==> flow/design.v <==
module sync_add_core_mod #(
    parameter DW = 28
) (
    input  logic clk_i,
    input  logic srst,
    input  logic [DW-1:0] rs1_i,
    input  logic [DW-1:0] rs2_i,
    input  logic [DW-1:0] rs3_i,
    output logic [DW+1:0] q_o
);
    logic [DW-1:0] rs1_q;
    always_ff @(posedge clk_i or posedge srst) begin
        if (srst) begin
            rs1_q <= '0;
        end else begin
            rs1_q <= rs1_i;
        end
    end
    logic [DW-1:0] rs2_q;
    always_ff @(posedge clk_i or posedge srst) begin
        if (srst) begin
            rs2_q <= '0;
        end else begin
            rs2_q <= rs2_i;
        end
    end
    logic [DW-1:0] rs3_q;
    always_ff @(posedge clk_i or posedge srst) begin
        if (srst) begin
            rs3_q <= '0;
        end else begin
            rs3_q <= rs3_i;
        end
    end
    logic [DW-1:0] work;
    assign work = rs1_q ^ rs2_q ^ rs3_q;
    logic [DW-1:0] c;
    assign c = (rs1_q & rs2_q) | (rs1_q & rs3_q) | (rs2_q & rs3_q);
    always_ff @(posedge clk_i or posedge srst) begin
        if (srst) begin
            q_o <= '0;
        end else begin
            q_o <= work + {c, 1'b0};
        end
    end
endmodule
# Step by step through the tools: sync_add_core_mod
# Tool output for the design above, in the order of the flow.
# Lines are those of the file above, counted from 1.
# Library cell names are shortened.
inputs:
  top_module: "sync_add_core_mod"
  clk_port: "clk_i"
  library: "sky130hd"
  pvt_corner: "tt_025C_1v80"

# Word level
# Source: Yosys, flattened and elaborated, memories not mapped. Widths are those after wreduce; folded enables and synchronous resets count as part of the registers. Registers that Yosys merges into a memory's read port (data or address) are not register bits. Print and check cells do not count. Equal cells are merged and count once.
bits:
  regBits: 114
  inputBits: 86
classes:
  add_sub_neg: 1
  bitwise: 7
op_table:
  columns: ["op", "count"]
  rows:
  - ["bitwise AND 28 bit", 3]
  - ["OR 28 bit", 2]
  - ["bitwise XOR 28 bit", 2]
  - ["adder 28 x 29 -> 30 bit", 1]

# Depth
# Depth = most cells in a row (Yosys ltp): at word level without a register or memory, in the mapped netlist without a sequential cell, where the memories' decode and read muxes count.
logic_depth:
  ltp_word: 4
  ABC_AREA: 0
  depth_mapped: 11
  mapped_depth_nobuf: 11

# After synthesis
# The flow's flattened synthesis, as Yosys stat reports it; memories are mapped. The netlist is that of the ABC_AREA named above (0 if unset); the other value can give another one.
mapped:
  sequential_area_um2: 2852.7
  ffs: 114
  mapped_area_um2: 4984.8
  mapped_cells: 368
types:
  columns: ["cell", "count", "area_total_um2"]
  rows:
  - ["dfrtp_1", 114, 2.85E+03]
  - ["fa_1", 29, 580.557]
  - ["ha_1", 27, 337.824]
  - ["xnor2_1", 16, 140.134]
  - ["a21oi_1", 25, 125.12]
  - ["nand2_1", 21, 78.826]
  - ["xor2_1", 9, 78.826]
  - ["o21ai_0", 14, 70.067]
  - ["a21o_1", 8, 60.058]
  - ["inv_1", 14, 52.55]
  - ["and3_1", 7, 43.792]
  - ["a211oi_1", 5, 37.536]
  - ["nor2_1", 9, 33.782]
  - ["clkbuf_1", 8, 30.029]
  - ["o21a_1", 4, 30.029]
  - ["nand4_1", 4, 25.024]
  - ["nor3_1", 5, 25.024]
  - ["o31ai_1", 3, 22.522]
# Not listed: further types 32, cells in them 46.

# Worst setup path after synthesis
# Source: OpenSTA report_checks on the synthesized netlist (no wires, ideal clock, input and output delay 20% of the period each), path of least setup slack; recovery checks are left aside. Register names are those of the netlist, which keeps one name where synthesis merged equal registers.
synth_timing:
  path_type: "register -> register"
  start: "register rs1_q[1]"
  end: "register q_o[29]"
  path_delay_ps: 2764
  path_stages: 10
  arrival_ps: 2635
  setup_ps: 129
  clock_period_ps: 3450
  setup_slack_ps: 686
  synth_period_reached_ps: 2764
# "path_delay_ps" is the arrival time less input delay plus setup time.
# "path_stages" counts driving pins, that of a launching flip-flop among them; a cell with two outputs on the path counts twice.
# "synth_period_reached_ps" is the clock period less the worst setup slack; recovery checks do not enter. This is arithmetic on one report: input and output delays are still those of the set period (20% each).
# The rows between start and end are the longest chain of elaborated cells between them; the timing report does not say that the signal goes this way. Where chains are equally long, one stands for them.
# Each line given opens the expression or statement behind the cell; cells for indexed reads and writes are added by Yosys, which also makes memories of some case tables.
synth_via:
  path_cell_list: "dfrtp_1 > fa_1 > ha_1 > fa_1 > a21o_1 > a221oi_2 > o22ai_1 > o211ai_2 > o31a_1 > o21ai_0"
  elab_chain_len: 4
  cone_cells: 7
  lines_between: 3
synth_rtl:
  columns: ["element", "line", "text"]
  rows:
  - ["start: declaration", 11, "logic [DW-1:0] rs1_q;"]
  - ["start: assignment", 14, "rs1_q <= '0;"]
  - ["start: assignment", 16, "rs1_q <= rs1_i;"]
  - ["bitwise AND 28 bit", 38, "assign c = (rs1_q & rs2_q) | (rs1_q & rs3_q) | (rs2_q & rs3_q);"]
  - ["OR 28 bit x2", 38, null]
  - ["adder 28 x 29 -> 30 bit", 43, "q_o <= work + {c, 1'b0};"]
  - ["end: assignment", 41, "q_o <= '0;"]
  - ["end: assignment", 43, null]
  - ["end: declaration", 9, "output logic [DW+1:0] q_o"]

# Timing after layout
# Path of least setup slack in the final report of flow run A (OpenROAD, finished layout, wires in). Where an end is a register, its clock arrival counts in the times.
# The report prints the path's times to 10 ps; the period is as set.
layout_timing:
  path_type: "register -> register"
  start: "register rs1_q[1]"
  end: "register q_o[29]"
  setup_ps: 130
  clock_period_ps: 3450
  arrival_ps: 3400
  path_stages: 10
  setup_slack_ps: 330
# The rows between start and end are the longest chain of elaborated cells between them; the timing report does not say that the signal goes this way. Where chains are equally long, one stands for them.
layout_via:
  path_cell_list: "dfrtp_1 > fa_1 > ha_1 > fa_1 > a21o_1 > a221oi_2 > o22ai_1 > o211ai_2 > o31a_1 > o21ai_0"
  elab_chain_len: 4
  cone_cells: 7
  lines_between: 3
layout_rtl:
  columns: ["element", "line", "text"]
  rows:
  - ["start: declaration", 11, "logic [DW-1:0] rs1_q;"]
  - ["start: assignment", 14, "rs1_q <= '0;"]
  - ["start: assignment", 16, "rs1_q <= rs1_i;"]
  - ["bitwise AND 28 bit", 38, "assign c = (rs1_q & rs2_q) | (rs1_q & rs3_q) | (rs2_q & rs3_q);"]
  - ["OR 28 bit x2", 38, null]
  - ["adder 28 x 29 -> 30 bit", 43, "q_o <= work + {c, 1'b0};"]
  - ["end: assignment", 41, "q_o <= '0;"]
  - ["end: assignment", 43, null]
  - ["end: declaration", 9, "output logic [DW+1:0] q_o"]

Subject: flow runs of sync_add_core_mod

Hi,

Stored flow runs of sync_add_core_mod (3 of them; Yosys, OpenROAD, sky130hd). They differ in their settings and are not a sequence. Constraints: input delay and output delay 20% of the set period each, output load 0.01 pF.
"achieved_clock_period_ps" = clock period - worst setup slack. The figure is calculated, with input and output delays left at 20% of the set period.
"worstPathTime_ps" is the time allowed to the run's worst setup path (the clock period less input and output delay, where it has them) less its slack. Clock arrival times count: a late capture clock shortens it, a late launch clock lengthens it.
"power.total_uw": no workload was simulated; the value follows from the tool's default switching activity.
"worstPathTime_ps" is known to 10 ps.

--- flow run A ---
==> flow/run.sh <==
#!/bin/bash
# the make line also repeats the synthesis and layout settings of config.mk as NAME=value (left out here)
make -C /OpenROAD-flow-scripts/flow DESIGN_CONFIG=/design/flow/config.mk WORK_HOME=/design/flow/orfs CLKGATE_MAP_FILE= finish
==> flow/config.mk <==
export PLATFORM = sky130hd
export DESIGN_NAME = sync_add_core_mod
export DESIGN_NICKNAME = sync_add_core_mod
export VERILOG_FILES = /design/flow/design.v
export SDC_FILE = /design/flow/constraint.sdc
export NUM_CORES = 4
export LEC_CHECK = 0
export CAP_MARGIN = 20
export CORE_MARGIN = 2
export CORE_UTILIZATION = 40
export SLEW_MARGIN = 20
==> flow/constraint.sdc <==
create_clock -name core_clock -period 3.45 [get_ports {clk_i}]
set_input_delay 0.6900 -clock core_clock [delete_from_list [all_inputs] [get_ports {clk_i}]]
set_output_delay 0.6900 -clock core_clock [all_outputs]
set_load 0.01 [all_outputs]

==> results, as YAML <==
results:
  worstPathTime_ps: 3120
  timing.worst_path_kind: "register -> register"
  achieved_clock_period_ps: 3116
  total_negative_slack_ps: 0
  post_synth_area_um2: 4984.8
  util_frac: 0.578
  worstSetupSlack_ps: 334
  design_die_area_um2: 13371.5
  power.total_uw: 4827
  finish.stdcell_area_um2: 6998.0

--- flow run B ---
==> flow/run.sh <==
#!/bin/bash
# the make line also repeats the synthesis and layout settings of config.mk as NAME=value (left out here)
make -C /OpenROAD-flow-scripts/flow DESIGN_CONFIG=/design/flow/config.mk WORK_HOME=/design/flow/orfs CLKGATE_MAP_FILE= finish
==> flow/config.mk <==
export PLATFORM = sky130hd
export DESIGN_NAME = sync_add_core_mod
export DESIGN_NICKNAME = sync_add_core_mod
export VERILOG_FILES = /design/flow/design.v
export SDC_FILE = /design/flow/constraint.sdc
export NUM_CORES = 4
export LEC_CHECK = 0
export ABC_AREA = 0
export CAP_MARGIN = 20
export CORE_MARGIN = 2
export CORE_UTILIZATION = 25
export GPL_ROUTABILITY_DRIVEN = 0
export PLACE_DENSITY = 0.49
export SLEW_MARGIN = 0
export TNS_END_PERCENT = 50
==> flow/constraint.sdc <==
create_clock -name core_clock -period 3.37 [get_ports {clk_i}]
set_input_delay 0.6740 -clock core_clock [delete_from_list [all_inputs] [get_ports {clk_i}]]
set_output_delay 0.6740 -clock core_clock [all_outputs]
set_load 0.01 [all_outputs]

==> results, as YAML <==
results:
  finish.stdcell_area_um2: 7045.5
  worstSetupSlack_ps: 277
  worstPathTime_ps: 3090
  timing.worst_path_kind: "register -> register"
  design_die_area_um2: 21084.5
  post_synth_area_um2: 4984.8
  achieved_clock_period_ps: 3093
  total_negative_slack_ps: 0
  util_frac: 0.361
  power.total_uw: 4786

--- flow run C ---
==> flow/run.sh <==
#!/bin/bash
# the make line also repeats the synthesis and layout settings of config.mk as NAME=value (left out here)
make -C /OpenROAD-flow-scripts/flow DESIGN_CONFIG=/design/flow/config.mk WORK_HOME=/design/flow/orfs CLKGATE_MAP_FILE= finish
==> flow/config.mk <==
export PLATFORM = sky130hd
export DESIGN_NAME = sync_add_core_mod
export DESIGN_NICKNAME = sync_add_core_mod
export VERILOG_FILES = /design/flow/design.v
export SDC_FILE = /design/flow/constraint.sdc
export NUM_CORES = 4
export LEC_CHECK = 0
export ABC_AREA = 0
export CAP_MARGIN = 5
export CELL_PAD_IN_SITES_GLOBAL_PLACEMENT = 1
export CORE_MARGIN = 2
export CORE_UTILIZATION = 25
export CTS_CLUSTER_DIAMETER = 89
export CTS_CLUSTER_SIZE = 52
export GPL_TIMING_DRIVEN = 0
export MAX_ROUTING_LAYER = met5
export PLACE_DENSITY_LB_ADDON = 0.04
export SETUP_SLACK_MARGIN = 0.57
export SLEW_MARGIN = 15
==> flow/constraint.sdc <==
create_clock -name core_clock -period 3.84 [get_ports {clk_i}]
set_input_delay 0.7680 -clock core_clock [delete_from_list [all_inputs] [get_ports {clk_i}]]
set_output_delay 0.7680 -clock core_clock [all_outputs]
set_load 0.01 [all_outputs]

==> results, as YAML <==
results:
  post_synth_area_um2: 4984.8
  achieved_clock_period_ps: 3108
  worstPathTime_ps: 3110
  timing.worst_path_kind: "register -> register"
  power.total_uw: 4268
  design_die_area_um2: 21084.5
  finish.stdcell_area_um2: 7166.9
  worstSetupSlack_ps: 732
  total_negative_slack_ps: 0
  util_frac: 0.367

Regards
